==> flow/design.v <==
module ex_add_core_stage #(
  parameter DATA_WIDTH = 80,
  parameter GUARD = 2
) (
  input  wire clk_i,
  input  wire [DATA_WIDTH-1:0] data,
  input  wire init,
  output wire [DATA_WIDTH+GUARD-1:0] sum
);
  reg [DATA_WIDTH-1:0] data_q;
  reg init_q;
  reg [DATA_WIDTH+GUARD-1:0] acc;
  always @(posedge clk_i) begin
    data_q <= data;
    init_q <= init;
    acc <= init_q ? 0 : acc + data_q;
  end
  assign sum = acc;
endmodule
# --- From RTL to reports: ex_add_core_stage ---
# What the tools print for ex_add_core_stage, step after step.
# Lines are those of the file above, counted from 1.
# Operators carry their Yosys type and port widths (W data, S select, Z words).
setup:
  design: "ex_add_core_stage"
  clock_port: "clk_i"
  library: "sky130hd"
  pvt_corner: "tt_025C_1v80"

# --- Word level ---
# Counts by Yosys on the flattened word-level netlist (proc, flatten, opt, wreduce; memories kept). Register bits leave out memories and registers merged into their read ports (data or address); mux counts leave out enables and synchronous resets folded into registers. Print and check cells are left out. Cells with the same type and inputs are merged into one.
bits:
  reg_bits: 163
  wordCells: 4
  in_bits: 82
  output_inout_bits: 82
classes:
  n_addsub: 1
ops:
  columns: ["operator", "n"]
  rows:
  - ["$add A82 B80 Y82", 1]

# --- Longest topological paths ---
# Depth = most cells in a row (Yosys ltp): at word level without a register or memory, in the mapped netlist without a sequential cell, where the memories' decode and read muxes count.
logic_depth:
  word_depth: 1
  ABC_AREA: 0
  depth_mapped: 12
  ltp_nobuf: 12

# --- Mapped cells and area ---
# The flow's flattened synthesis, as Yosys stat reports it; memories are mapped. The netlist is that of the ABC_AREA named above (0 if unset); the other value can give another one.
# The area totals of this step are shown rounded.
types:
  columns: ["cell", "n", "type_area_um2"]
  rows:
  - ["sky130_fd_sc_hd__dfxtp_1", 163, 3263.13]
  - ["sky130_fd_sc_hd__ha_1", 80, 1000.96]
  - ["sky130_fd_sc_hd__a21oi_1", 121, 605.581]
  - ["sky130_fd_sc_hd__nor2_1", 155, 581.808]
  - ["sky130_fd_sc_hd__nand2_1", 84, 315.302]
  - ["sky130_fd_sc_hd__o21ai_0", 54, 270.259]
  - ["sky130_fd_sc_hd__xnor2_1", 28, 245.235]
  - ["sky130_fd_sc_hd__xor2_1", 27, 236.477]
  - ["sky130_fd_sc_hd__o21bai_1", 29, 217.709]
  - ["sky130_fd_sc_hd__a21o_1", 26, 195.187]
  - ["sky130_fd_sc_hd__mux2_1", 16, 180.173]
  - ["sky130_fd_sc_hd__nand4_1", 25, 156.4]
  - ["sky130_fd_sc_hd__nor2b_1", 22, 137.632]
  - ["sky130_fd_sc_hd__a31oi_1", 21, 131.376]
  - ["sky130_fd_sc_hd__inv_1", 29, 108.854]
  - ["sky130_fd_sc_hd__nand3_1", 17, 85.082]
  - ["sky130_fd_sc_hd__nor3_1", 17, 85.082]
  - ["sky130_fd_sc_hd__clkbuf_1", 20, 75.072]
# Not listed: further types 48, cells in them 124.
synth_totals:
  flip_flops: 163
  seq_area_um2: 3260
  cells: 1058
  mapped_area_um2: 8880
  buffers: 31

# --- Timing after synthesis ---
# Path of least setup slack by OpenSTA after synthesis, without wires, with an ideal clock, recovery checks aside; 20% of the period is set as input and as output delay. Where synthesis merged equal registers, the netlist keeps one of their names.
synth_path:
  path_type: "reg-to-reg"
  from: "register acc[0]"
  to: "register acc[80]"
  period_ns: 3.47
  launch_ns: 0.000
  setup_time_ns: 0.123
  required_ns: 3.347
  path_buffers: 0
  setup_slack_ns: 0.695
  driving_pins: 13
  delay_ns: 2.775
  arrival_time_ns: 2.652
  period_less_setup_slack_ns: 2.775
# "delay_ns" is the arrival time less input delay plus setup time.
# "driving_pins": output pins that drive a net of the path, with the launching flip-flop's if there is one; two outputs of one cell count as two.
# "period_less_setup_slack_ns" = period - worst setup slack (recovery checks aside). The figure is calculated, with input and output delays left at 20% of the set period.
# The rows between start and end are the longest chain of elaborated cells between them; the timing report does not say that the signal goes this way. Where chains are equally long, one stands for them.
# Each line given opens the expression or statement behind the cell; cells for indexed reads and writes are added by Yosys, which also makes memories of some case tables.
synth_between:
  cell_sequence: "sky130_fd_sc_hd__dfxtp_1 > sky130_fd_sc_hd__ha_1 > sky130_fd_sc_hd__inv_1 > sky130_fd_sc_hd__fa_1 > sky130_fd_sc_hd__nand2b_1 > sky130_fd_sc_hd__a21oi_1 > sky130_fd_sc_hd__o21ai_1 > sky130_fd_sc_hd__o21ai_1 > sky130_fd_sc_hd__a22oi_1 > sky130_fd_sc_hd__o21ai_2 > sky130_fd_sc_hd__a31oi_1 > sky130_fd_sc_hd__o21a_1 > sky130_fd_sc_hd__mux2_1"
  elab_chain_len: 1
  cells_between: 1
  lines_between: 1
  cone_classes: "1 x add/sub"
synth_lines:
  columns: ["item", "line", "source"]
  rows:
  - ["start: declaration", 12, "reg [DATA_WIDTH+GUARD-1:0] acc;"]
  - ["start: assignment", 16, "acc <= init_q ? 0 : acc + data_q;"]
  - ["$add A82 B80 Y82", 16, null]
  - ["end: assignment", 16, null]
  - ["end: declaration", 12, null]

# --- Worst path after layout ---
# From the final timing report of stored run 1: the path of least setup slack in the routed layout; clock arrival at registers is part of the times.
layout_path:
  path_type: "reg-to-reg"
  from: "register acc[0]"
  to: "register acc[46]"
  period_ns: 3.47
  required_ns: 3.78
  path_buffers: 0
  setup_time_ns: 0.11
  setup_slack_ns: 0.27
  arrival_time_ns: 3.51
  driving_pins: 13
  launch_ns: 0.42
# The rows between start and end are the longest chain of elaborated cells between them; the timing report does not say that the signal goes this way. Where chains are equally long, one stands for them.
layout_between:
  cell_sequence: "sky130_fd_sc_hd__dfxtp_1 > sky130_fd_sc_hd__ha_1 > sky130_fd_sc_hd__inv_1 > sky130_fd_sc_hd__fa_1 > sky130_fd_sc_hd__nand2b_1 > sky130_fd_sc_hd__a21oi_1 > sky130_fd_sc_hd__o211ai_1 > sky130_fd_sc_hd__a31oi_1 > sky130_fd_sc_hd__nor2_1 > sky130_fd_sc_hd__nor2b_1 > sky130_fd_sc_hd__o21bai_1 > sky130_fd_sc_hd__a21boi_1 > sky130_fd_sc_hd__mux2_1"
  elab_chain_len: 1
  cells_between: 1
  lines_between: 1
  cone_classes: "1 x add/sub"
layout_lines:
  columns: ["item", "line", "source"]
  rows:
  - ["start: declaration", 12, "reg [DATA_WIDTH+GUARD-1:0] acc;"]
  - ["start: assignment", 16, "acc <= init_q ? 0 : acc + data_q;"]
  - ["$add A82 B80 Y82", 16, null]
  - ["end: assignment", 16, null]
  - ["end: declaration", 12, null]

# Module ex_add_core_stage, platform sky130hd: 3 stored runs of the flow (Yosys, OpenROAD) with differing settings, in no particular order. Input and output delays are each 20% of the period that was set; the output load is 0.01 pF.
# By "period_reached_ns" is meant the clock period of the run minus its worst setup slack. This is arithmetic on one report: input and output delays are still those of the set period (20% each).
# Results are given in rounded form.
runs:
  - name: "stored run 1"
    settings:
      period_ns: 3.47
      CAP_MARGIN: 20
      CORE_MARGIN: 2
      CORE_UTILIZATION: 40
      SLEW_MARGIN: 20
    results:
      design_die_area_um2: 23400
      finish.utilization_frac: 0.521
      final_setup_tns_ns: 0.000
      period_reached_ns: 3.198
      stdcell_area_um2: 11400
      fin_ws_ns: 0.272
      holdWs_ns: 0.552
      synth_area_um2: 8880
  - name: "stored run 2"
    settings:
      period_ns: 1.99
      CORE_UTILIZATION: 70
      SETUP_SLACK_MARGIN: 0.34
      PLACE_DENSITY: 0.94
      ABC_AREA: 1
      GPL_TIMING_DRIVEN: 1
      CTS_CLUSTER_SIZE: 47
      CTS_CLUSTER_DIAMETER: 100
      CAP_MARGIN: 15
      SLEW_MARGIN: 35
      MIN_ROUTING_LAYER: "met1"
      CORE_MARGIN: 2
    outcome: "incomplete, clock tree synthesis halted on DPL-0038"
  - name: "stored run 3"
    settings:
      period_ns: 5.24
      CORE_UTILIZATION: 15
      PLACE_DENSITY_LB_ADDON: 0.1
      CORE_ASPECT_RATIO: 0.82
      SLEW_MARGIN: 5
      CAP_MARGIN: 20
      CORE_MARGIN: 2
    results:
      design_die_area_um2: 61200
      final_setup_tns_ns: 0.000
      finish.utilization_frac: 0.205
      fin_ws_ns: 1.63
      synth_area_um2: 8880
      stdcell_area_um2: 11900
      period_reached_ns: 3.615
      holdWs_ns: 0.558
